==> flow/design.v <==
module u_addsub_v2 #(
   parameter int DATA_WIDTH = 96
) (
   input logic clk_i,
   input logic rst_ni,
   input logic [DATA_WIDTH-1:0] u,
   input logic [DATA_WIDTH-1:0] v,
   input logic do_sub,
   output logic [DATA_WIDTH-1:0] result,
   output logic cout
);
   logic [DATA_WIDTH-1:0] u_d1;
   always_ff @(posedge clk_i or negedge rst_ni) begin
      if (~rst_ni) begin
         u_d1 <= '0;
      end else begin
         u_d1 <= u;
      end
   end
   logic [DATA_WIDTH-1:0] v_d1;
   always_ff @(posedge clk_i or negedge rst_ni) begin
      if (~rst_ni) begin
         v_d1 <= '0;
      end else begin
         v_d1 <= v;
      end
   end
   logic do_sub_d1;
   always_ff @(posedge clk_i or negedge rst_ni) begin
      if (~rst_ni) begin
         do_sub_d1 <= 1'b0;
      end else begin
         do_sub_d1 <= do_sub;
      end
   end
   logic [DATA_WIDTH-1:0] mid;
   assign mid = v_d1 ^ {DATA_WIDTH{do_sub_d1}};
   logic [DATA_WIDTH:0] r;
   assign r = u_d1 + mid + do_sub_d1;
   assign result = r[DATA_WIDTH-1:0];
   assign cout = r[DATA_WIDTH];
endmodule
# Reports on u_addsub_v2
# What the tools print for u_addsub_v2, step after step.
# Line numbers count from 1 in the design file above.
# Operators carry their Yosys type and port widths (W data, S select, Z words).
# Library cell names are shortened.
# The mark - stands for no value.
# inputs
top	u_addsub_v2
clock	clk_i
cell_library	sky130hd
pvt_corner	tt_025C_1v80

# Word level
# Yosys after proc, flatten, opt, wreduce and memory -nomap, before mapping. Enables and synchronous resets that opt folds into registers are not counted as muxes. Memory bits, and registers merged into a memory's read port (data or address), are not among the register bits. Print and check cells are not counted. Equal cells are merged and count once.
# word_totals
out_inout_bits	97
ramBits	0
rom_bits	0
n_memories	0
elab_cells	6
latchBits	0
clocked_rd_ports_x_width	0
register_bits	193
# op_classes
n_reduce_logical	0
shift	0
n_cmp	0
equal	0
n_logic	1
multipliers	0
div	0
n_mux	0
addsub	2
# op_table
cell	count
$add A96 B96 Y97	1
$add A97 B1 Y97	1
$xor A96 B96 Y96	1

# Logic depth
# Depth = most cells in a row (Yosys ltp): at word level without a register or memory, in the mapped netlist without a sequential cell, where the memories' decode and read muxes count.
# logic_depth
ltp_word	3
abc_area	0
mapped_depth	17
depth_no_buf	14

# Mapped cells and area
# The flow's flattened synthesis, as Yosys stat reports it; memories are mapped. The netlist is that of the ABC_AREA named above (0 if unset); the other value can give another one.
# Totals and module areas in this step are rounded.
# synth_totals
ff_cells	193
cells	1199
area_um2	11800
sequential_area_um2	4830
# by_type
cell	count
dfrtp_1	193
ha_1	101
xor2_1	138
a21oi_1	132
xnor2_1	50
nand2_1	94
o21ai_0	67
nand4_1	46
a21o_1	36
nor2_1	63
o21bai_1	25
clkbuf_1	40
o21a_1	17
inv_1	30
nor3_1	16
nand3_1	13
o221ai_1	7
a21boi_0	8
# Not listed: further types 52, cells in them 123.

# Path before layout
# Source: OpenSTA report_checks on the synthesized netlist (no wires, ideal clock, input and output delay 20% of the period each), path of least setup slack; recovery checks are left aside. Register names are those of the netlist, which keeps one name where synthesis merged equal registers.
# synth_path
kind	flip-flop to output port
from	register do_sub_d1
to	output result[93]
out_delay_ns	1.244
delay_ns	3.981
setup_slack_ns	0.995
required_time_ns	4.976
launch_ns	0.000
t_arrival_ns	3.981
path_buffers	4
path_stages	18
tclk_ns	6.22
synth_period_reached_ns	5.225
# "delay_ns" is the arrival time less input delay plus setup time.
# A path that ends at an output port has no setup time.
# "path_stages" counts driving pins, that of a launching flip-flop among them; a cell with two outputs on the path counts twice.
# "synth_period_reached_ns" = period - worst setup slack (recovery checks aside). The figure is calculated, with input and output delays left at 20% of the set period.
# Between the ends stands the longest chain of elaborated cells between them, by number of cells; it is not shown to be the way that was timed. Of several equally long chains one is given.
# Each line given opens the expression or statement behind the cell; cells for indexed reads and writes are added by Yosys, which also makes memories of some case tables.
# synth_between
path_cell_list	dfrtp_1 > buf_2 > clkbuf_1 > clkbuf_1 > xor2_1 > ha_1 > buf_4 > a21oi_4 > o21ai_1 > a41o_1 > a221oi_4 > a2111oi_4 > o31ai_1 > a21oi_1 > nor3_2 > nand3_1 > a311o_1 > xor2_1
elab_chain_cells	3
cells_between	3
cone_lines	2
cone_classes	2 x add/sub; 1 x logic
# synth_rtl
item	line_no	text
from (decl)	28	logic do_sub_d1;
from (assign)	31	do_sub_d1 <= 1'b0;
from (assign)	33	do_sub_d1 <= do_sub;
$xor A96 B96 Y96	37	assign mid = v_d1 ^ {DATA_WIDTH{do_sub_d1}};
$add A96 B96 Y97	39	assign r = u_d1 + mid + do_sub_d1;
$add A97 B1 Y97	39
to (decl)	9	output logic [DATA_WIDTH-1:0] result,

# Timing after layout
# From the final timing report of flow run A: the path of least setup slack in the routed layout; clock arrival at registers is part of the times.
# layout_path
kind	flip-flop to output port
from	register do_sub_d1
to	output result[95]
required_time_ns	6.81
t_arrival_ns	6.36
path_buffers	4
tclk_ns	8.51
launch_ns	0.50
setup_slack_ns	0.45
path_stages	17
out_delay_ns	1.70
# Between the ends stands the longest chain of elaborated cells between them, by number of cells; it is not shown to be the way that was timed. Of several equally long chains one is given.
# layout_between
path_cell_list	dfrtp_1 > buf_2 > clkbuf_1 > clkbuf_4 > xor2_1 > ha_1 > a2111o_1 > a31oi_2 > o211ai_1 > and4bb_2 > nor3_2 > o31ai_4 > a31oi_2 > nor2b_1 > o21ai_0 > xor2_1 > clkdlybuf4s50_1
elab_chain_cells	3
cells_between	3
cone_lines	2
cone_classes	2 x add/sub; 1 x logic
# layout_rtl
item	line_no	text
from (decl)	28	logic do_sub_d1;
from (assign)	31	do_sub_d1 <= 1'b0;
from (assign)	33	do_sub_d1 <= do_sub;
$xor A96 B96 Y96	37	assign mid = v_d1 ^ {DATA_WIDTH{do_sub_d1}};
$add A96 B96 Y97	39	assign r = u_d1 + mid + do_sub_d1;
$add A97 B1 Y97	39
to (decl)	9	output logic [DATA_WIDTH-1:0] result,

# Record of 3 stored runs of the RTL-to-layout flow on u_addsub_v2, platform sky130hd. The runs are unordered. Constraints: input delay and output delay 20% of the set period each, output load 0.01 pF.
# "worst_path_ns": the worst setup path's part of the clock period (all of it between registers, 20% less for each end at a port) less its slack. A launch clock that arrives late makes it longer, a capture clock that arrives late makes it shorter.
# The measured numbers are rounded.
# Settings: - = not set for that run.
stored run	period_ns	CORE_UTILIZATION	PLACE_DENSITY	HOLD_SLACK_MARGIN	CORE_MARGIN	CELL_PAD_IN_SITES_DETAIL_PLACEMENT	GPL_TIMING_DRIVEN	GPL_ROUTABILITY_DRIVEN	CTS_CLUSTER_SIZE	CAP_MARGIN	SLEW_MARGIN	ws_setup_ns	synthesis_area_um2	util_frac	final_die_area_um2	worst_path_ns	worst_path_kind
flow run A	8.51	16	0.39	0.18	5	1	0	1	30	25	20	0.450	11800	0.227	79400	6.36	flip-flop to output port
flow run B	6.22	40	-	-	2	-	-	-	-	20	20	0.162	11800	0.552	30900	4.81	flip-flop to output port
flow run C	5.4	15	-	-	2	2	-	1	-	20	20	-0.312	11800	0.265	81100	4.63	flip-flop to output port
